==> flow/design.v <==
module my_mpy_blk #(
  parameter int WD = 16
) (
  input  logic ck,
  input  logic rstn,
  input  logic [WD-1:0] arg0,
  input  logic [WD-1:0] arg1,
  output logic [WD-1:0] res
);
  logic [WD-1:0] arg0_r;
  logic [WD-1:0] arg1_r;
  always_ff @(posedge ck) begin
    if (~rstn) begin
      arg0_r <= 0;
      arg1_r <= 0;
    end else begin
      arg0_r <= arg0;
      arg1_r <= arg1;
    end
  end
  assign res = arg0_r * arg1_r;
endmodule
# Tool chain data of my_mpy_blk
# Tool output for the members of one design family, told apart by "WD", in the order of the flow.
# The file above is the member WD = 16. Line numbers count from 1 in each member's own file.
# Operators carry their Yosys type and port widths (W data, S select, Z words).
inputs:
  top_module: "my_mpy_blk"
  clk_port: "ck"
  lib: "sky130hd"
  lib_corner: "tt_025C_1v80"

# Source of the members
# Lines of each other member's file that are new or changed against the file above; lines that a member lacks are not shown.
changed_lines:
  columns: ["WD", "line", "source"]
  rows:
  - [18, 2, "parameter int WD = 18"]
  - [22, 2, "parameter int WD = 22"]
  - [24, 2, "parameter int WD = 24"]

# After elaboration
# Counts by Yosys on the flattened word-level netlist (proc, flatten, opt, wreduce; memories kept). Register bits leave out memories and registers merged into their read ports (data or address); mux counts leave out enables and synchronous resets folded into registers. Print and check cells are left out. Cells with the same type and inputs are merged into one.
word_totals:
  columns: ["WD", "register_bits", "latchBits", "ramBits", "romBits", "clocked_rd_ports_x_width", "n_memories", "output_inout_bits"]
  rows:
  - [16, 32, 0, 0, 0, 0, 0, 16]
  - [18, 36, 0, 0, 0, 0, 0, 18]
  - [22, 44, 0, 0, 0, 0, 0, 22]
  - [24, 48, 0, 0, 0, 0, 0, 24]
op_classes:
  columns: ["WD", "add_sub_neg", "n_mul", "n_div", "cmp", "eq_ne", "n_shift", "muxes", "bitwise", "n_reduce_logical"]
  rows:
  - [16, 0, 1, 0, 0, 0, 0, 0, 0, 0]
  - [18, 0, 1, 0, 0, 0, 0, 0, 0, 0]
  - [22, 0, 1, 0, 0, 0, 0, 0, 0, 0]
  - [24, 0, 1, 0, 0, 0, 0, 0, 0, 0]
op_table:
  columns: ["WD", "op_list"]
  rows:
  - [16, "$mul A16 B16 Y16 (1)"]
  - [18, "$mul A18 B18 Y18 (1)"]
  - [22, "$mul A22 B22 Y22 (1)"]
  - [24, "$mul A24 B24 Y24 (1)"]

# Logic depth
# Depth = most cells in a row (Yosys ltp): at word level without a register or memory, in the mapped netlist without a sequential cell, where the memories' decode and read muxes count.
depth:
  columns: ["WD", "depth_word", "ABC_AREA", "mapped_depth", "mapped_depth_nobuf"]
  rows:
  - [16, 1, 0, 20, 19]
  - [18, 1, 0, 20, 19]
  - [22, 1, 0, 22, 21]
  - [24, 1, 0, 24, 22]

# Netlist
# Yosys stat after the flow's synthesis: flattened, memories mapped to cells. It holds for the ABC_AREA given above (unset counts as 0); a run with the other value may have another netlist.
mapped:
  columns: ["WD", "cells", "area_um2", "sequential_area_um2", "flip_flops", "n_buf"]
  rows:
  - [16, 536, 4807.1, 640.6, 32, 16]
  - [18, 662, 5960.7, 720.7, 36, 21]
  - [22, 924, 8501.9, 880.8, 44, 39]
  - [24, 1141, 10277.4, 960.9, 48, 47]
by_type:
  columns: ["WD", "cell_types"]
  rows:
  - [16, "sky130_fd_sc_hd__fa_1 (80); sky130_fd_sc_hd__dfxtp_1 (32); sky130_fd_sc_hd__ha_1 (49); sky130_fd_sc_hd__and2_1 (90); sky130_fd_sc_hd__inv_1 (113); sky130_fd_sc_hd__nand2_1 (77); sky130_fd_sc_hd__xnor2_1 (29); sky130_fd_sc_hd__xor2_1 (8); sky130_fd_sc_hd__clkbuf_1 (15); sky130_fd_sc_hd__a21oi_1 (9); sky130_fd_sc_hd__a21o_1 (5); sky130_fd_sc_hd__and2_2 (4); sky130_fd_sc_hd__nor2_1 (6); sky130_fd_sc_hd__xnor3_1 (1); sky130_fd_sc_hd__o21ai_0 (4); sky130_fd_sc_hd__xnor2_2 (1); sky130_fd_sc_hd__a211oi_2 (1); sky130_fd_sc_hd__and3_1 (2); (+10)"]
  - [18, "sky130_fd_sc_hd__fa_1 (109); sky130_fd_sc_hd__and2_1 (141); sky130_fd_sc_hd__dfxtp_1 (36); sky130_fd_sc_hd__ha_1 (53); sky130_fd_sc_hd__inv_1 (157); sky130_fd_sc_hd__xnor2_1 (34); sky130_fd_sc_hd__nand2_1 (68); sky130_fd_sc_hd__clkbuf_1 (19); sky130_fd_sc_hd__xor2_1 (7); sky130_fd_sc_hd__o21a_1 (5); sky130_fd_sc_hd__a21oi_1 (6); sky130_fd_sc_hd__o21ai_0 (5); sky130_fd_sc_hd__xnor3_1 (1); sky130_fd_sc_hd__a21o_1 (2); sky130_fd_sc_hd__nor2_1 (4); sky130_fd_sc_hd__nor3_1 (3); sky130_fd_sc_hd__clkbuf_2 (2); sky130_fd_sc_hd__o31a_1 (1); (+9)"]
  - [22, "sky130_fd_sc_hd__fa_1 (173); sky130_fd_sc_hd__and2_1 (155); sky130_fd_sc_hd__ha_1 (74); sky130_fd_sc_hd__dfxtp_1 (44); sky130_fd_sc_hd__inv_1 (161); sky130_fd_sc_hd__nand2_1 (150); sky130_fd_sc_hd__xnor2_1 (43); sky130_fd_sc_hd__clkbuf_1 (33); sky130_fd_sc_hd__xor2_1 (10); sky130_fd_sc_hd__nor2_1 (15); sky130_fd_sc_hd__a21oi_1 (11); sky130_fd_sc_hd__a211oi_2 (3); sky130_fd_sc_hd__o311ai_2 (2); sky130_fd_sc_hd__o21ai_0 (6); sky130_fd_sc_hd__and3_1 (4); sky130_fd_sc_hd__buf_4 (3); sky130_fd_sc_hd__nand3_1 (4); sky130_fd_sc_hd__nor3_1 (4); (+29)"]
  - [24, "sky130_fd_sc_hd__fa_1 (213); sky130_fd_sc_hd__and2_1 (211); sky130_fd_sc_hd__inv_1 (281); sky130_fd_sc_hd__ha_1 (83); sky130_fd_sc_hd__dfxtp_1 (48); sky130_fd_sc_hd__nand2_1 (138); sky130_fd_sc_hd__xnor2_1 (48); sky130_fd_sc_hd__clkbuf_1 (44); sky130_fd_sc_hd__xor2_1 (12); sky130_fd_sc_hd__a21oi_1 (13); sky130_fd_sc_hd__a21o_1 (6); sky130_fd_sc_hd__o21bai_1 (6); sky130_fd_sc_hd__o21ai_0 (7); sky130_fd_sc_hd__nor2_1 (9); sky130_fd_sc_hd__a2111oi_4 (1); sky130_fd_sc_hd__a211oi_1 (3); sky130_fd_sc_hd__o21a_1 (3); sky130_fd_sc_hd__xnor3_1 (1); (+14)"]
# The mark (+n) counts cells that are not listed.

# Worst setup path after synthesis
# OpenSTA on the mapped netlist: ideal clock, no wires. The path of least setup slack (recovery checks aside). Input and output delay are each 20% of the period. Register names are those of the netlist, which keeps one name where synthesis merged equal registers.
synth_timing:
  columns: ["WD", "path_kind", "startpoint", "endpoint", "tclk_ns", "setup_slack_ns", "stages", "delay_ns", "synth_period_reached_ns"]
  rows:
  - [16, "register to output", "register arg1_r[1]", "output port res[14]", 7.79, 1.246, 20, 4.986, 6.544]
  - [18, "register to output", "register arg1_r[3]", "output port res[16]", 7.86, 1.257, 19, 5.031, 6.603]
  - [22, "register to output", "register arg1_r[2]", "output port res[21]", 9.13, 1.461, 21, 5.843, 7.669]
  - [24, "register to output", "register arg1_r[4]", "output port res[19]", 9.28, 1.483, 24, 5.941, 7.797]
# "delay_ns" is the arrival time less input delay plus setup time.
# A path that ends at an output port has no setup time.
# "stages": output pins that drive a net of the path, with the launching flip-flop's if there is one; two outputs of one cell count as two.
# "synth_period_reached_ns" is the clock period less the worst setup slack; recovery checks do not enter. This is arithmetic on one report: input and output delays are still those of the set period (20% each).
# The rows between start and end are the longest chain of elaborated cells between them; the timing report does not say that the signal goes this way. Where chains are equally long, one stands for them.
# A line is the first line of the expression or statement that the cell stems from. Yosys adds cells for indexed reads and writes and turns some case tables into memories.
synth_via_WD_16:
  elab_chain_len: 1
synth_lines_WD_16:
  columns: ["element", "line", "source"]
  rows:
  - ["from (decl)", 11, "logic [WD-1:0] arg1_r;"]
  - ["from (assign)", 15, "arg1_r <= 0;"]
  - ["from (assign)", 18, "arg1_r <= arg1;"]
  - ["$mul A16 B16 Y16", 21, "assign res = arg0_r * arg1_r;"]
  - ["to (decl)", 8, "output logic [WD-1:0] res"]
synth_via_WD_24:
  elab_chain_len: 1
synth_lines_WD_24:
  columns: ["element", "line", "source"]
  rows:
  - ["from (decl)", 11, "logic [WD-1:0] arg1_r;"]
  - ["from (assign)", 15, "arg1_r <= 0;"]
  - ["from (assign)", 18, "arg1_r <= arg1;"]
  - ["$mul A24 B24 Y24", 21, "assign res = arg0_r * arg1_r;"]
  - ["to (decl)", 8, "output logic [WD-1:0] res"]

# Timing after layout
# From the final timing report of the run of each member: the path of least setup slack in the routed layout; clock arrival at registers is part of the times.
layout_timing:
  columns: ["WD", "path_kind", "startpoint", "endpoint", "tclk_ns", "setup_slack_ns", "stages", "arrival_time_ns", "n_path_buf"]
  rows:
  - [16, "register to output", "register arg0_r[7]", "output port res[14]", 7.79, 0.30, 21, 5.93, 1]
  - [18, "register to output", "register arg1_r[4]", "output port res[17]", 7.86, 0.26, 18, 6.03, 1]
  - [22, "register to output", "register arg1_r[1]", "output port res[21]", 9.13, 0.42, 20, 6.89, 1]
  - [24, "register to output", "register arg0_r[2]", "output port res[23]", 9.28, 0.41, 23, 7.02, 1]

# Layout results
# Settings and results of one run of the flow (Yosys, OpenROAD) for each member follow. The constraints put input and output delay at 20% of the set period each and load the outputs with 0.01 pF.
flow_settings:
  CAP_MARGIN: 20
  CORE_MARGIN: 2
  CORE_UTILIZATION: 40
  SLEW_MARGIN: 20
settings_diff:
  columns: ["WD", "period_ns"]
  rows:
  - [16, 7.79]
  - [18, 7.86]
  - [22, 9.13]
  - [24, 9.28]
results:
  columns: ["WD", "synthesis_area_um2", "dieArea_um2", "stdcell_area_um2", "layout_utilization_pct", "worst_setup_slack_ns", "tns_setup_ns", "ws_hold_ns", "power_total_mw", "achievedPeriod_ns"]
  rows:
  - [16, 4807.1, 12910.6, 5600.4, 47.2, 0.302, 0.000, 1.848, 0.7846, 7.488]
  - [18, 5960.7, 15893.6, 6867.8, 47.3, 0.260, 0.000, 1.865, 0.9393, 7.600]
  - [22, 8501.9, 22437.0, 9525.4, 45.5, 0.418, 0.000, 2.074, 1.335, 8.712]
  - [24, 10277.4, 26991.2, 11544.8, 45.8, 0.408, 0.000, 2.117, 1.555, 8.872]
# By "achievedPeriod_ns" is meant the clock period of the run minus its worst setup slack. This is arithmetic on one report: input and output delays are still those of the set period (20% each).
# "power_total_mw": no workload was simulated; the value follows from the tool's default switching activity.
